==> flow/design.v <==
module cmp_unit_p #(
  parameter int DATA_WIDTH = 16
) (
  input logic CLK,
  input logic [DATA_WIDTH-1:0] opa,
  input logic [DATA_WIDTH-1:0] opb,
  input logic [DATA_WIDTH-1:0] opc,
  output logic [DATA_WIDTH-1:0] out
);
  logic [DATA_WIDTH-1:0] out_reg;
  assign out = out_reg;
  always_ff @(posedge CLK) begin
    out_reg <= (opa < opb) ? opb : (opa > opc) ? opc : opa;
  end
endmodule
Tool chain data of cmp_unit_p
Tool output for the design above, in the order of the flow. Lines are those of the file above, counted from 1. Operators: Yosys type, input widths -> output width; for muxes data width and select width s. A cell with -- has no value.

Top module: cmp_unit_p. Clock port: CLK. Cell library: sky130hd. Library corner: tt_025C_1v80.

After elaboration
Source: Yosys, flattened and elaborated, memories not mapped. Widths are those after wreduce; folded enables and synchronous resets count as part of the registers. Registers that Yosys merges into a memory's read port (data or address) are not register bits. Print and check cells do not count. Equal cells are merged and count once.

For $lt $le $gt $ge the number is 2. The figure for muxes and demuxes is 2.

Operators with widths (number): $mux 16 (2); $gt 16x16->1 (1); $lt 16x16->1 (1).

For register bits the number is 16. Input port bits: 49. For output and inout port bits the number is 16. Cells after elaboration: 5.

Longest topological paths
Longest topological path by Yosys (ltp), each cell counted once; first at word level (registers and memories cut), then after technology mapping (sequential cells cut; the memories' decode and read muxes count).

Depth after elaboration: 3. The entry for ABC_AREA reads 0. Under depth in mapped cells stands 9. Under depth with buffers taken out stands 8.

Netlist
The flow's flattened synthesis, as Yosys stat reports it; memories are mapped. The netlist is that of the ABC_AREA named above (0 if unset); the other value can give another one.

The figure for mapped cells is 161. The entry for mapped area reads 1448.9 µm². The figure for area of sequential cells is 320.3 µm². Under flip-flop cells stands 16. The entry for buffers reads 2.

Cells by type: sky130_fd_sc_hd__ha_1 (number 31, area in all 387.872 µm²); sky130_fd_sc_hd__dfxtp_1 (number 16, area in all 320.307 µm²); sky130_fd_sc_hd__mux2i_1 (number 32, area in all 320.307 µm²); sky130_fd_sc_hd__inv_1 (number 32, area in all 120.115 µm²); sky130_fd_sc_hd__a21oi_1 (number 13, area in all 65.062 µm²); sky130_fd_sc_hd__nand2_1 (number 7, area in all 26.275 µm²); sky130_fd_sc_hd__nand3_1 (number 5, area in all 25.024 µm²); sky130_fd_sc_hd__nand4_1 (number 4, area in all 25.024 µm²); sky130_fd_sc_hd__o31ai_4 (number 1, area in all 21.27 µm²); sky130_fd_sc_hd__o21ai_0 (number 4, area in all 20.019 µm²); sky130_fd_sc_hd__a21o_1 (number 2, area in all 15.014 µm²); sky130_fd_sc_hd__buf_8 (number 1, area in all 15.014 µm²); sky130_fd_sc_hd__nor4_1 (number 2, area in all 12.512 µm²); sky130_fd_sc_hd__a21boi_2 (number 1, area in all 11.261 µm²); sky130_fd_sc_hd__nor2_1 (number 3, area in all 11.261 µm²); sky130_fd_sc_hd__a221o_1 (number 1, area in all 10.01 µm²); sky130_fd_sc_hd__and4_2 (number 1, area in all 10.01 µm²); sky130_fd_sc_hd__a21oi_2 (number 1, area in all 8.758 µm²).

Other cell types: 4; their cells: 4.

Worst setup path after synthesis
Source: OpenSTA report_checks on the synthesized netlist (no wires, ideal clock, input and output delay 20% of the period each), path of least setup slack; recovery checks are left aside. Register names are those of the netlist, which keeps one name where synthesis merged equal registers.

Path type: input -> register. From: input port opc[7]. To: register out_reg[10]. The entry for clock period reads 2.88 ns. External input delay: 0.576 ns. Under library setup time stands 0.126 ns. The figure for time at the first pin is 0.576 ns. The entry for data arrival time reads 2.294 ns. Under data required time stands 2.754 ns. Setup slack: 0.459 ns. The figure for path delay is 1.844 ns. For driving pins on the path the number is 9. The entry for path buffers reads 1. The figure for period reached after synthesis is 2.421 ns.

"path delay" is the arrival time less input delay plus setup time. "driving pins on the path" counts driving pins, that of a launching flip-flop among them; a cell with two outputs on the path counts twice. "period reached after synthesis" = period - worst setup slack (recovery checks aside). The figure is calculated, with input and output delays left at 20% of the set period. Between the ends stands the longest chain of elaborated cells between them, by number of cells; it is not shown to be the way that was timed. Of several equally long chains one is given. Each line given opens the expression or statement behind the cell; cells for indexed reads and writes are added by Yosys, which also makes memories of some case tables.

Cells stage by stage: sky130_fd_sc_hd__inv_1 > sky130_fd_sc_hd__ha_1 > sky130_fd_sc_hd__a21oi_2 > sky130_fd_sc_hd__o21ai_1 > sky130_fd_sc_hd__a221o_1 > sky130_fd_sc_hd__o31ai_4 > sky130_fd_sc_hd__buf_8 > sky130_fd_sc_hd__mux2i_1 > sky130_fd_sc_hd__mux2i_1. The figure for cells in the longest elaborated chain is 3. The entry for elaborated cells between the ends (all ways) reads 3. The figure for RTL lines with such cells is 1. Classes of those cells: 1 x compare; 2 x mux.

Ends and longest elaborated chain, post-synthesis: start, declared (line 7) `input logic [DATA_WIDTH-1:0] opc,`; $gt 16x16->1 (line 13) `out_reg <= (opa < opb) ? opb : (opa > opc) ? opc : opa;`; $mux 16 (2 in a row) (line 13); end, assigned (line 13); end, declared (line 10) `logic [DATA_WIDTH-1:0] out_reg;`.

Timing after layout
From the final timing report of flow run 1: the path of least setup slack in the routed layout; clock arrival at registers is part of the times.

Path type: input -> register. From: input port opa[10]. To: register out_reg[6]. The entry for clock period reads 2.23 ns. External input delay: 0.45 ns. Under library setup time stands 0.11 ns. The figure for time at the first pin is 0.45 ns. The entry for data arrival time reads 2.32 ns. Under data required time stands 2.38 ns. Setup slack: 0.06 ns. For driving pins on the path the number is 11. The entry for path buffers reads 4.

Between the ends stands the longest chain of elaborated cells between them, by number of cells; it is not shown to be the way that was timed. Of several equally long chains one is given.

Cells stage by stage: sky130_fd_sc_hd__clkbuf_2 > sky130_fd_sc_hd__ha_4 > sky130_fd_sc_hd__nand4_1 > sky130_fd_sc_hd__buf_4 > sky130_fd_sc_hd__nor4_4 > sky130_fd_sc_hd__a21boi_4 > sky130_fd_sc_hd__o31ai_4 > sky130_fd_sc_hd__buf_6 > sky130_fd_sc_hd__buf_6 > sky130_fd_sc_hd__mux2i_2 > sky130_fd_sc_hd__mux2i_1. The figure for cells in the longest elaborated chain is 3. The entry for elaborated cells between the ends (all ways) reads 4. The figure for RTL lines with such cells is 1. Classes of those cells: 2 x compare; 2 x mux.

Ends and longest elaborated chain, post-layout: start, declared (line 5) `input logic [DATA_WIDTH-1:0] opa,`; $gt 16x16->1 (line 13) `out_reg <= (opa < opb) ? opb : (opa > opc) ? opc : opa;`; $mux 16 (2 in a row) (line 13); end, assigned (line 13); end, declared (line 10) `logic [DATA_WIDTH-1:0] out_reg;`.

# Flow runs of cmp_unit_p

3 stored runs of cmp_unit_p in the flow (synthesis by Yosys, layout by OpenROAD, sky130hd cells), in arbitrary order. Constraints: input delay and output delay 20% of the set period each, output load 0.01 pF. "reached clock period" means the clock period less the worst setup slack. The figure is calculated, with input and output delays left at 20% of the set period. By "power" is meant OpenSTA's value without simulated activity: inputs other than the clock are taken to toggle once in ten clock periods, and the tool carries that through the logic.

Flow run 1 has these settings: period_ns 2.23; CORE_UTILIZATION 19; PLACE_DENSITY_LB_ADDON 0.06; CORE_MARGIN 7; CELL_PAD_IN_SITES_DETAIL_PLACEMENT 1; ABC_AREA 0; GPL_ROUTABILITY_DRIVEN 1; CAP_MARGIN 20; SLEW_MARGIN 0; MIN_ROUTING_LAYER met2; MAX_ROUTING_LAYER met5. The die area is 10,266.8 µm². The mapped cell area after synthesis comes to 1,448.9 µm². The utilization in the final report reads 38.8 %. For the setup slack of the worst path the run shows 0.064 ns. For the power the run shows 1,246 uW. The post-route worst hold slack stands at 0.473 ns. The reached clock period reads 2.166 ns.

Flow run 2 has these settings: period_ns 3.97; CORE_UTILIZATION 20; PLACE_DENSITY 0.65; CELL_PAD_IN_SITES_GLOBAL_PLACEMENT 0; CELL_PAD_IN_SITES_DETAIL_PLACEMENT 0; ABC_AREA 0; GPL_ROUTABILITY_DRIVEN 1; SLEW_MARGIN 15; MAX_ROUTING_LAYER met4; CAP_MARGIN 20; CORE_MARGIN 2. For the setup slack of the worst path the run shows 0.957 ns. The mapped cell area after synthesis comes to 1,448.9 µm². The reached clock period reads 3.013 ns. For the power the run shows 589.5 uW. The die area is 7,941.5 µm². The utilization in the final report reads 31.8 %. The post-route worst hold slack stands at 1.102 ns.

Flow run 3 has these settings: period_ns 2.88; CAP_MARGIN 20; CORE_MARGIN 2; CORE_UTILIZATION 40; SLEW_MARGIN 20. For the power the run shows 741.6 uW. The mapped cell area after synthesis comes to 1,448.9 µm². The reached clock period reads 2.586 ns. The post-route worst hold slack stands at 0.843 ns. The die area is 4,119.7 µm². The utilization in the final report reads 64.8 %. For the setup slack of the worst path the run shows 0.294 ns.
